==> flow/design.v <==
module shifter (clk, rstn, val, by, dout);
    parameter DWIDTH = 16;
    localparam SBITS = $clog2(DWIDTH);
    input clk;
    input rstn;
    input [DWIDTH-1:0] val;
    input [SBITS-1:0] by;
    output [DWIDTH-1:0] dout;
    wire [DWIDTH-1:0] tree [0:SBITS];
    assign tree[0] = val;
    genvar gi;
    generate
        for (gi = 0; gi < SBITS; gi = gi + 1) begin : row
            assign tree[gi+1] = by[gi] ? tree[gi] << (1 << gi) : tree[gi];
        end
    endgenerate
    reg [DWIDTH-1:0] dout_q;
    always @(posedge clk or negedge rstn) begin
        if (!rstn) begin
            dout_q <= 0;
        end else begin
            dout_q <= tree[SBITS];
        end
    end
    assign dout = dout_q;
endmodule
# Reports on shifter
# The steps from the RTL of shifter to its reports follow in flow order.
# Line numbers count from 1 in the design file above.
# Operators carry their Yosys type and port widths (W data, S select, Z words).
# Library cell names are shortened.
# Not given: n/a
# design
design,shifter
clk_port,clk
cell_library,sky130hd
lib_corner,tt_025C_1v80

# Word-level counts
# Counts by Yosys on the flattened word-level netlist (proc, flatten, opt, wreduce; memories kept). Register bits leave out memories and registers merged into their read ports (data or address); mux counts leave out enables and synchronous resets folded into registers. Print and check cells are left out. Cells with the same type and inputs are merged into one.
# classes
muxes,4
# ops
operator,n
$mux W16,4
# bits
reg_bits,16
in_bits,22

# Depth
# Yosys ltp: most cells in a row. Word level: on the elaborated netlist, between registers, memories and ports. Mapped: between sequential cells and ports; inverters and the memories' decode and read muxes count.
# depth
word_depth,4
ABC_AREA,0
mapped_depth,6

# Mapped cells and area
# Source: synth_stat.txt of the flow (Yosys; design flattened, memories mapped). It holds for the ABC_AREA given above (unset counts as 0); a run with the other value may have another netlist.
# The area totals of this step are shown rounded.
# by_type
cell_type,n
dfrtp_1,16
mux2i_1,15
mux4_2,4
mux4_1,2
a21oi_1,7
nand2_1,8
a211oi_2,2
o21ai_0,5
o22ai_1,4
buf_6,2
and2_1,3
inv_1,5
nand3b_1,2
nor2_1,4
o211ai_1,2
o21ai_1,3
clkbuf_1,3
mux2_2,1
# Not listed: further types 11, cells in them 12.
# mapped
mapped_cells,100
area_um2,1050
ff_cells,16
n_buf,8

# Path before layout
# Source: OpenSTA report_checks on the synthesized netlist (no wires, ideal clock, input and output delay 20% of the period each), path of least setup slack; recovery checks are left aside. Register names are those of the netlist, which keeps one name where synthesis merged equal registers.
# synth_path
path_kind,input to register
startpoint,in by[1]
endpoint,reg dout_q[12]
tclk_ps,1630
in_delay_ps,326
setup_time_ps,137
arrival_time_ps,1232
required_ps,1493
setup_slack_ps,261
path_delay_ps,1043
driving_pins,4
n_path_buf,1
synth_period_reached_ps,1369
# "path_delay_ps" is the arrival time less input delay plus setup time.
# "driving_pins": output pins that drive a net of the path, with the launching flip-flop's if there is one; two outputs of one cell count as two.
# "synth_period_reached_ps" is the clock period less the worst setup slack; recovery checks do not enter. This is arithmetic on one report: input and output delays are still those of the set period (20% each).
# Between the ends stands the longest chain of elaborated cells between them, by number of cells; it is not shown to be the way that was timed. Of several equally long chains one is given.
# A line is the first line of the expression or statement that the cell stems from. Yosys adds cells for indexed reads and writes and turns some case tables into memories.
# synth_between
cell_sequence,buf_6 -> mux4_2 -> a211oi_2 -> a21oi_1
elab_chain_cells,3
cone_cells,3
cone_lines,1
# synth_rtl
element,line_no,text
start: declaration,7,input [SBITS-1:0] by;
$mux W16 x3,14,assign tree[gi+1] = by[gi] ? tree[gi] << (1 << gi) : tree[gi];
end: assignment,20,dout_q <= 0;
end: assignment,22,dout_q <= tree[SBITS];
end: declaration,17,reg [DWIDTH-1:0] dout_q;

# Timing after layout
# Path of least setup slack in the final report of stored run 1 (OpenROAD, finished layout, wires in). Where an end is a register, its clock arrival counts in the times.
# The path's times are printed in steps of 10 ps; the period is the one set.
# layout_path
path_kind,input to register
startpoint,in by[1]
endpoint,reg dout_q[13]
tclk_ps,2340
in_delay_ps,470
setup_time_ps,110
arrival_time_ps,2060
required_ps,2500
setup_slack_ps,430
driving_pins,6
n_path_buf,2
# Between the ends stands the longest chain of elaborated cells between them, by number of cells; it is not shown to be the way that was timed. Of several equally long chains one is given.
# layout_between
cell_sequence,clkdlybuf4s50_1 -> buf_4 -> mux4_1 -> nand2_1 -> o31a_1 -> o21ai_1
elab_chain_cells,3
cone_cells,3
cone_lines,1
# layout_rtl
element,line_no,text
start: declaration,7,input [SBITS-1:0] by;
$mux W16 x3,14,assign tree[gi+1] = by[gi] ? tree[gi] << (1 << gi) : tree[gi];
end: assignment,20,dout_q <= 0;
end: assignment,22,dout_q <= tree[SBITS];
end: declaration,17,reg [DWIDTH-1:0] dout_q;

Hand-over note for shifter

Flow measurements of shifter on sky130hd: 3 stored runs with different settings, listed in no order. Input and output delays are each 20% of the period that was set; the output load is 0.01 pF.
By "period_reached_ps" is meant the clock period of the run minus its worst setup slack. This is arithmetic on one report: input and output delays are still those of the set period (20% each).
"worst_setup_path_time_ps" means the part of the period allowed to the worst setup path (the constraints hold back 20% at inputs and 20% at outputs) less its slack; where the path has registers, the arrival times of their clocks count too.
"fin_power_uw" is the tool's figure for a default switching activity; nothing was simulated.
"worst_setup_path_time_ps" is known to 10 ps.
The results are shown rounded.

Stored run 1, flow files:
==> flow/run.sh <==
#!/bin/bash
# the make line also repeats the synthesis and layout settings of config.mk as NAME=value (left out here)
make -C /OpenROAD-flow-scripts/flow DESIGN_CONFIG=/design/flow/config.mk WORK_HOME=/design/flow/orfs CLKGATE_MAP_FILE= finish
==> flow/config.mk <==
export PLATFORM = sky130hd
export DESIGN_NAME = shifter
export DESIGN_NICKNAME = shifter
export VERILOG_FILES = /design/flow/design.v
export SDC_FILE = /design/flow/constraint.sdc
export NUM_CORES = 4
export LEC_CHECK = 0
export CAP_MARGIN = 10
export CORE_MARGIN = 2
export CORE_UTILIZATION = 38
export CTS_CLUSTER_DIAMETER = 122
export GPL_ROUTABILITY_DRIVEN = 0
export MAX_ROUTING_LAYER = met4
export PLACE_DENSITY = 0.4
export SLEW_MARGIN = 35
export TNS_END_PERCENT = 45
==> flow/constraint.sdc <==
create_clock -name core_clock -period 2.34 [get_ports {clk}]
set_input_delay 0.4680 -clock core_clock [delete_from_list [all_inputs] [get_ports {clk}]]
set_output_delay 0.4680 -clock core_clock [all_outputs]
set_load 0.01 [all_outputs]

==> results of stored run 1, as CSV <==
result,value
final_stdcell_area_um2,1510
worst_setup_path_time_ps,1440
timing.worst_path_kind,"input to register"
period_reached_ps,1906
ys_area_um2,1050
fin_power_uw,712
fin_ws_ps,434
fin_tns_ps,0
die_area_um2,3200
post_route_util_pct,56.1

Stored run 2, flow files:
==> flow/run.sh <==
#!/bin/bash
# the make line also repeats the synthesis and layout settings of config.mk as NAME=value (left out here)
make -C /OpenROAD-flow-scripts/flow DESIGN_CONFIG=/design/flow/config.mk WORK_HOME=/design/flow/orfs CLKGATE_MAP_FILE= finish
==> flow/config.mk <==
export PLATFORM = sky130hd
export DESIGN_NAME = shifter
export DESIGN_NICKNAME = shifter
export VERILOG_FILES = /design/flow/design.v
export SDC_FILE = /design/flow/constraint.sdc
export NUM_CORES = 4
export LEC_CHECK = 0
export CAP_MARGIN = 20
export CORE_MARGIN = 2
export CORE_UTILIZATION = 40
export SLEW_MARGIN = 20
==> flow/constraint.sdc <==
create_clock -name core_clock -period 1.63 [get_ports {clk}]
set_input_delay 0.3260 -clock core_clock [delete_from_list [all_inputs] [get_ports {clk}]]
set_output_delay 0.3260 -clock core_clock [all_outputs]
set_load 0.01 [all_outputs]

==> results of stored run 2, as CSV <==
result,value
die_area_um2,3050
fin_ws_ps,79
worst_setup_path_time_ps,1220
timing.worst_path_kind,"input to register"
ys_area_um2,1050
post_route_util_pct,66.1
period_reached_ps,1551
final_stdcell_area_um2,1640
fin_power_uw,1070
fin_tns_ps,0

Stored run 3, flow files:
==> flow/run.sh <==
#!/bin/bash
# the make line also repeats the synthesis and layout settings of config.mk as NAME=value (left out here)
make -C /OpenROAD-flow-scripts/flow DESIGN_CONFIG=/design/flow/config.mk WORK_HOME=/design/flow/orfs CLKGATE_MAP_FILE= finish
==> flow/config.mk <==
export PLATFORM = sky130hd
export DESIGN_NAME = shifter
export DESIGN_NICKNAME = shifter
export VERILOG_FILES = /design/flow/design.v
export SDC_FILE = /design/flow/constraint.sdc
export NUM_CORES = 4
export LEC_CHECK = 0
export CAP_MARGIN = 20
export CELL_PAD_IN_SITES_GLOBAL_PLACEMENT = 2
export CORE_ASPECT_RATIO = 1.73
export CORE_MARGIN = 2
export CORE_UTILIZATION = 29
export GPL_TIMING_DRIVEN = 0
export MIN_ROUTING_LAYER = met2
export PLACE_DENSITY_LB_ADDON = 0.25
export SLEW_MARGIN = 20
export TNS_END_PERCENT = 80
==> flow/constraint.sdc <==
create_clock -name core_clock -period 2.22 [get_ports {clk}]
set_input_delay 0.4440 -clock core_clock [delete_from_list [all_inputs] [get_ports {clk}]]
set_output_delay 0.4440 -clock core_clock [all_outputs]
set_load 0.01 [all_outputs]

==> results of stored run 3, as CSV <==
result,value
period_reached_ps,1988
die_area_um2,4130
worst_setup_path_time_ps,1540
timing.worst_path_kind,"input to register"
ys_area_um2,1050
fin_tns_ps,0
fin_power_uw,765
post_route_util_pct,43.6
final_stdcell_area_um2,1500
fin_ws_ps,232

End of note.
